==> flow/design.v <==
module dp_sel_unit_p #(
    parameter integer BITS = 16,
    parameter integer LANES = 7
) (
    input wire clk_i,
    input wire nrst,
    input wire [LANES*BITS-1:0] din,
    input wire [LANES-1:0] s,
    output wire [BITS-1:0] dout
);
    reg [LANES*BITS-1:0] din_q;
    reg [LANES-1:0] s_q;
    reg [BITS-1:0] val;
    integer idx;
    always @* begin
        val = 0;
        for (idx = 0; idx < LANES; idx = idx + 1)
            val = val | (din_q[idx*BITS +: BITS] & {BITS{s_q[idx]}});
    end
    assign dout = val;
    always @(posedge clk_i) begin
        if (~nrst) begin
            din_q <= 0;
            s_q <= 0;
        end else begin
            din_q <= din;
            s_q <= s;
        end
    end
endmodule
# --- Step by step through the tools: dp_sel_unit_p ---
# The steps from the RTL of dp_sel_unit_p to its reports follow in flow order.
# Lines are those of the file above, counted from 1.
# Operators: Yosys type, input widths -> output width; for muxes data width and select width s.
# Cell names lack the library's common part.
design:
  top: "dp_sel_unit_p"
  clock: "clk_i"
  lib: "sky130hd"
  pvt_corner: "tt_025C_1v80"

# --- Word level ---
# Yosys after proc, flatten, opt, wreduce and memory -nomap, before mapping. Enables and synchronous resets that opt folds into registers are not counted as muxes. Memory bits, and registers merged into a memory's read port (data or address), are not among the register bits. Print and check cells are not counted. Equal cells are merged and count once.
word_totals:
  regBits: 119
  output_inout_bits: 16
  elab_cells: 15
op_classes:
  bitwise: 13
op_table:
  columns: ["op", "count"]
  rows:
  - ["$and 16x16->16", 7]
  - ["$or 16x16->16", 6]

# --- Longest topological paths ---
# Depth = most cells in a row (Yosys ltp): at word level without a register or memory, in the mapped netlist without a sequential cell, where the memories' decode and read muxes count.
logic_depth:
  ltp_word: 7
  ABC_AREA: 0
  mapped_depth: 4
  ltp_nobuf: 2

# --- Mapped cells and area ---
# The flow's flattened synthesis, as Yosys stat reports it; memories are mapped. The netlist is that of the ABC_AREA named above (0 if unset); the other value can give another one.
by_type:
  columns: ["type", "count", "type_area_um2"]
  rows:
  - ["dfxtp_1", 119, 2.38E+03]
  - ["and2_1", 119, 744.464]
  - ["a22oi_1", 32, 240.23]
  - ["a222oi_1", 16, 160.154]
  - ["nand3_1", 16, 80.077]
  - ["clkbuf_1", 11, 41.29]
  - ["buf_2", 7, 35.034]
  - ["buf_6", 2, 22.522]
  - ["clkbuf_2", 4, 20.019]
synth_totals:
  mapped_cells: 326
  area_mm2: 0.0037261
  flip_flops: 119
  buffers: 24

# --- Worst setup path after synthesis ---
# OpenSTA on the mapped netlist: ideal clock, no wires. The path of least setup slack (recovery checks aside). Input and output delay are each 20% of the period. Register names are those of the netlist, which keeps one name where synthesis merged equal registers.
synth_timing:
  path_type: "reg2out"
  start: "register s_q[4]"
  end: "output dout[14]"
  clock_period_ps: 1450
  out_delay_ps: 290
  launch_ps: 0
  arrival_ps: 930
  setup_slack_ps: 230
  delay_ps: 930
  path_stages: 4
  path_buffers: 1
  period_less_setup_slack_ps: 1220
# "delay_ps" = arrival - input delay + setup time.
# A path that ends at an output port has no setup time.
# "path_stages" counts driving pins, that of a launching flip-flop among them; a cell with two outputs on the path counts twice.
# "period_less_setup_slack_ps" is the clock period less the worst setup slack; recovery checks do not enter. This is arithmetic on one report: input and output delays are still those of the set period (20% each).
# Between the ends stands the longest chain of elaborated cells between them, by number of cells; it is not shown to be the way that was timed. Of several equally long chains one is given.
# A line is the first line of the expression or statement that the cell stems from. Yosys adds cells for indexed reads and writes and turns some case tables into memories.
synth_via:
  path_cell_list: "dfxtp_1 > buf_6 > a222oi_1 > nand3_1"
  elab_chain_len: 4
synth_rtl:
  columns: ["element", "line", "source"]
  rows:
  - ["start, declared", 12, "reg [LANES-1:0] s_q;"]
  - ["start, assigned", 24, "s_q <= 0;"]
  - ["start, assigned", 27, "s_q <= s;"]
  - ["$and 16x16->16", 18, "val = val | (din_q[idx*BITS +: BITS] & {BITS{s_q[idx]}});"]
  - ["$or 16x16->16 x3", 18, null]
  - ["end, declared", 9, "output wire [BITS-1:0] dout"]

# --- Worst path after layout ---
# From the final timing report of stored run 2: the path of least setup slack in the routed layout; clock arrival at registers is part of the times.
# The report prints the path's times to 10 ps; the period is as set.
layout_timing:
  path_type: "reg2out"
  start: "register s_q[4]"
  end: "output dout[1]"
  clock_period_ps: 1380
  out_delay_ps: 280
  launch_ps: 400
  arrival_ps: 1630
  setup_slack_ps: -530
  path_stages: 5
  path_buffers: 2
# Between the ends stands the longest chain of elaborated cells between them, by number of cells; it is not shown to be the way that was timed. Of several equally long chains one is given.
layout_via:
  path_cell_list: "dfxtp_4 > buf_6 > a222oi_1 > nand3_1 > buf_2"
  elab_chain_len: 4
layout_rtl:
  columns: ["element", "line", "source"]
  rows:
  - ["start, declared", 12, "reg [LANES-1:0] s_q;"]
  - ["start, assigned", 24, "s_q <= 0;"]
  - ["start, assigned", 27, "s_q <= s;"]
  - ["$and 16x16->16", 18, "val = val | (din_q[idx*BITS +: BITS] & {BITS{s_q[idx]}});"]
  - ["$or 16x16->16 x3", 18, null]
  - ["end, declared", 9, "output wire [BITS-1:0] dout"]

## Implementation results

Top module dp_sel_unit_p; platform sky130hd; tools Yosys and OpenROAD; 3 stored runs in no particular order. Input and output delays are each 20% of the period that was set; the output load is 0.01 pF.
"period_reached_ps" is the run's clock period less its worst setup slack. It is reckoned from that one timing run; input and output delays stay at 20% of the period that was set.
"total_power_w" rests on the timing tool's default activity at the inputs, not on a simulated workload.

--- stored run 1 ---
==> flow/run.sh <==
#!/bin/bash
# the make line also repeats the synthesis and layout settings of config.mk as NAME=value (left out here)
make -C /OpenROAD-flow-scripts/flow DESIGN_CONFIG=/design/flow/config.mk WORK_HOME=/design/flow/orfs CLKGATE_MAP_FILE= finish
==> flow/config.mk <==
export PLATFORM = sky130hd
export DESIGN_NAME = dp_sel_unit_p
export DESIGN_NICKNAME = dp_sel_unit_p
export VERILOG_FILES = /design/flow/design.v
export SDC_FILE = /design/flow/constraint.sdc
export NUM_CORES = 4
export LEC_CHECK = 0
export CAP_MARGIN = 20
export CORE_MARGIN = 3
export CORE_UTILIZATION = 69
export CTS_CLUSTER_DIAMETER = 228
export CTS_CLUSTER_SIZE = 29
export GPL_TIMING_DRIVEN = 1
export HOLD_SLACK_MARGIN = 0.21
export MIN_ROUTING_LAYER = met1
export PLACE_DENSITY_LB_ADDON = 0.14
export SETUP_SLACK_MARGIN = 0.22
export SLEW_MARGIN = 20
export TNS_END_PERCENT = 10
==> flow/constraint.sdc <==
create_clock -name core_clock -period 1.63 [get_ports {clk_i}]
set_input_delay 0.3260 -clock core_clock [delete_from_list [all_inputs] [get_ports {clk_i}]]
set_output_delay 0.3260 -clock core_clock [all_outputs]
set_load 0.01 [all_outputs]

==> results, as YAML <==
outcome: "stopped before the end: placement reported FLW-0024"

--- stored run 2 ---
==> flow/run.sh <==
#!/bin/bash
# the make line also repeats the synthesis and layout settings of config.mk as NAME=value (left out here)
make -C /OpenROAD-flow-scripts/flow DESIGN_CONFIG=/design/flow/config.mk WORK_HOME=/design/flow/orfs CLKGATE_MAP_FILE= finish
==> flow/config.mk <==
export PLATFORM = sky130hd
export DESIGN_NAME = dp_sel_unit_p
export DESIGN_NICKNAME = dp_sel_unit_p
export VERILOG_FILES = /design/flow/design.v
export SDC_FILE = /design/flow/constraint.sdc
export NUM_CORES = 4
export LEC_CHECK = 0
export CAP_MARGIN = 20
export CELL_PAD_IN_SITES_DETAIL_PLACEMENT = 0
export CORE_ASPECT_RATIO = 1.57
export CORE_MARGIN = 8
export CORE_UTILIZATION = 44
export CTS_CLUSTER_DIAMETER = 367
export CTS_CLUSTER_SIZE = 99
export GPL_ROUTABILITY_DRIVEN = 0
export GPL_TIMING_DRIVEN = 1
export HOLD_SLACK_MARGIN = 0.0
export MAX_ROUTING_LAYER = met5
export MIN_ROUTING_LAYER = met1
export PLACE_DENSITY_LB_ADDON = 0.1
export SLEW_MARGIN = 10
==> flow/constraint.sdc <==
create_clock -name core_clock -period 1.38 [get_ports {clk_i}]
set_input_delay 0.2760 -clock core_clock [delete_from_list [all_inputs] [get_ports {clk_i}]]
set_output_delay 0.2760 -clock core_clock [all_outputs]
set_load 0.01 [all_outputs]

==> results, as YAML <==
results:
  worstSetupSlack_ps: -530
  tns_setup_ps: -7659
  synthesis_area_mm2: 0.0037261
  hold_worst_slack_ps: 400
  final_util_frac: 0.69
  period_reached_ps: 1910
  design_die_area_mm2: 0.0117439
  total_power_w: 0.00871

--- stored run 3 ---
==> flow/run.sh <==
#!/bin/bash
# the make line also repeats the synthesis and layout settings of config.mk as NAME=value (left out here)
make -C /OpenROAD-flow-scripts/flow DESIGN_CONFIG=/design/flow/config.mk WORK_HOME=/design/flow/orfs CLKGATE_MAP_FILE= finish
==> flow/config.mk <==
export PLATFORM = sky130hd
export DESIGN_NAME = dp_sel_unit_p
export DESIGN_NICKNAME = dp_sel_unit_p
export VERILOG_FILES = /design/flow/design.v
export SDC_FILE = /design/flow/constraint.sdc
export NUM_CORES = 4
export LEC_CHECK = 0
export CAP_MARGIN = 20
export CORE_MARGIN = 2
export CORE_UTILIZATION = 40
export SLEW_MARGIN = 20
==> flow/constraint.sdc <==
create_clock -name core_clock -period 1.45 [get_ports {clk_i}]
set_input_delay 0.2900 -clock core_clock [delete_from_list [all_inputs] [get_ports {clk_i}]]
set_output_delay 0.2900 -clock core_clock [all_outputs]
set_load 0.01 [all_outputs]

==> results, as YAML <==
results:
  period_reached_ps: 2070
  hold_worst_slack_ps: 319
  final_util_frac: 0.646
  total_power_w: 0.008099
  design_die_area_mm2: 0.0101033
  synthesis_area_mm2: 0.0037261
  worstSetupSlack_ps: -620
  tns_setup_ps: -8464
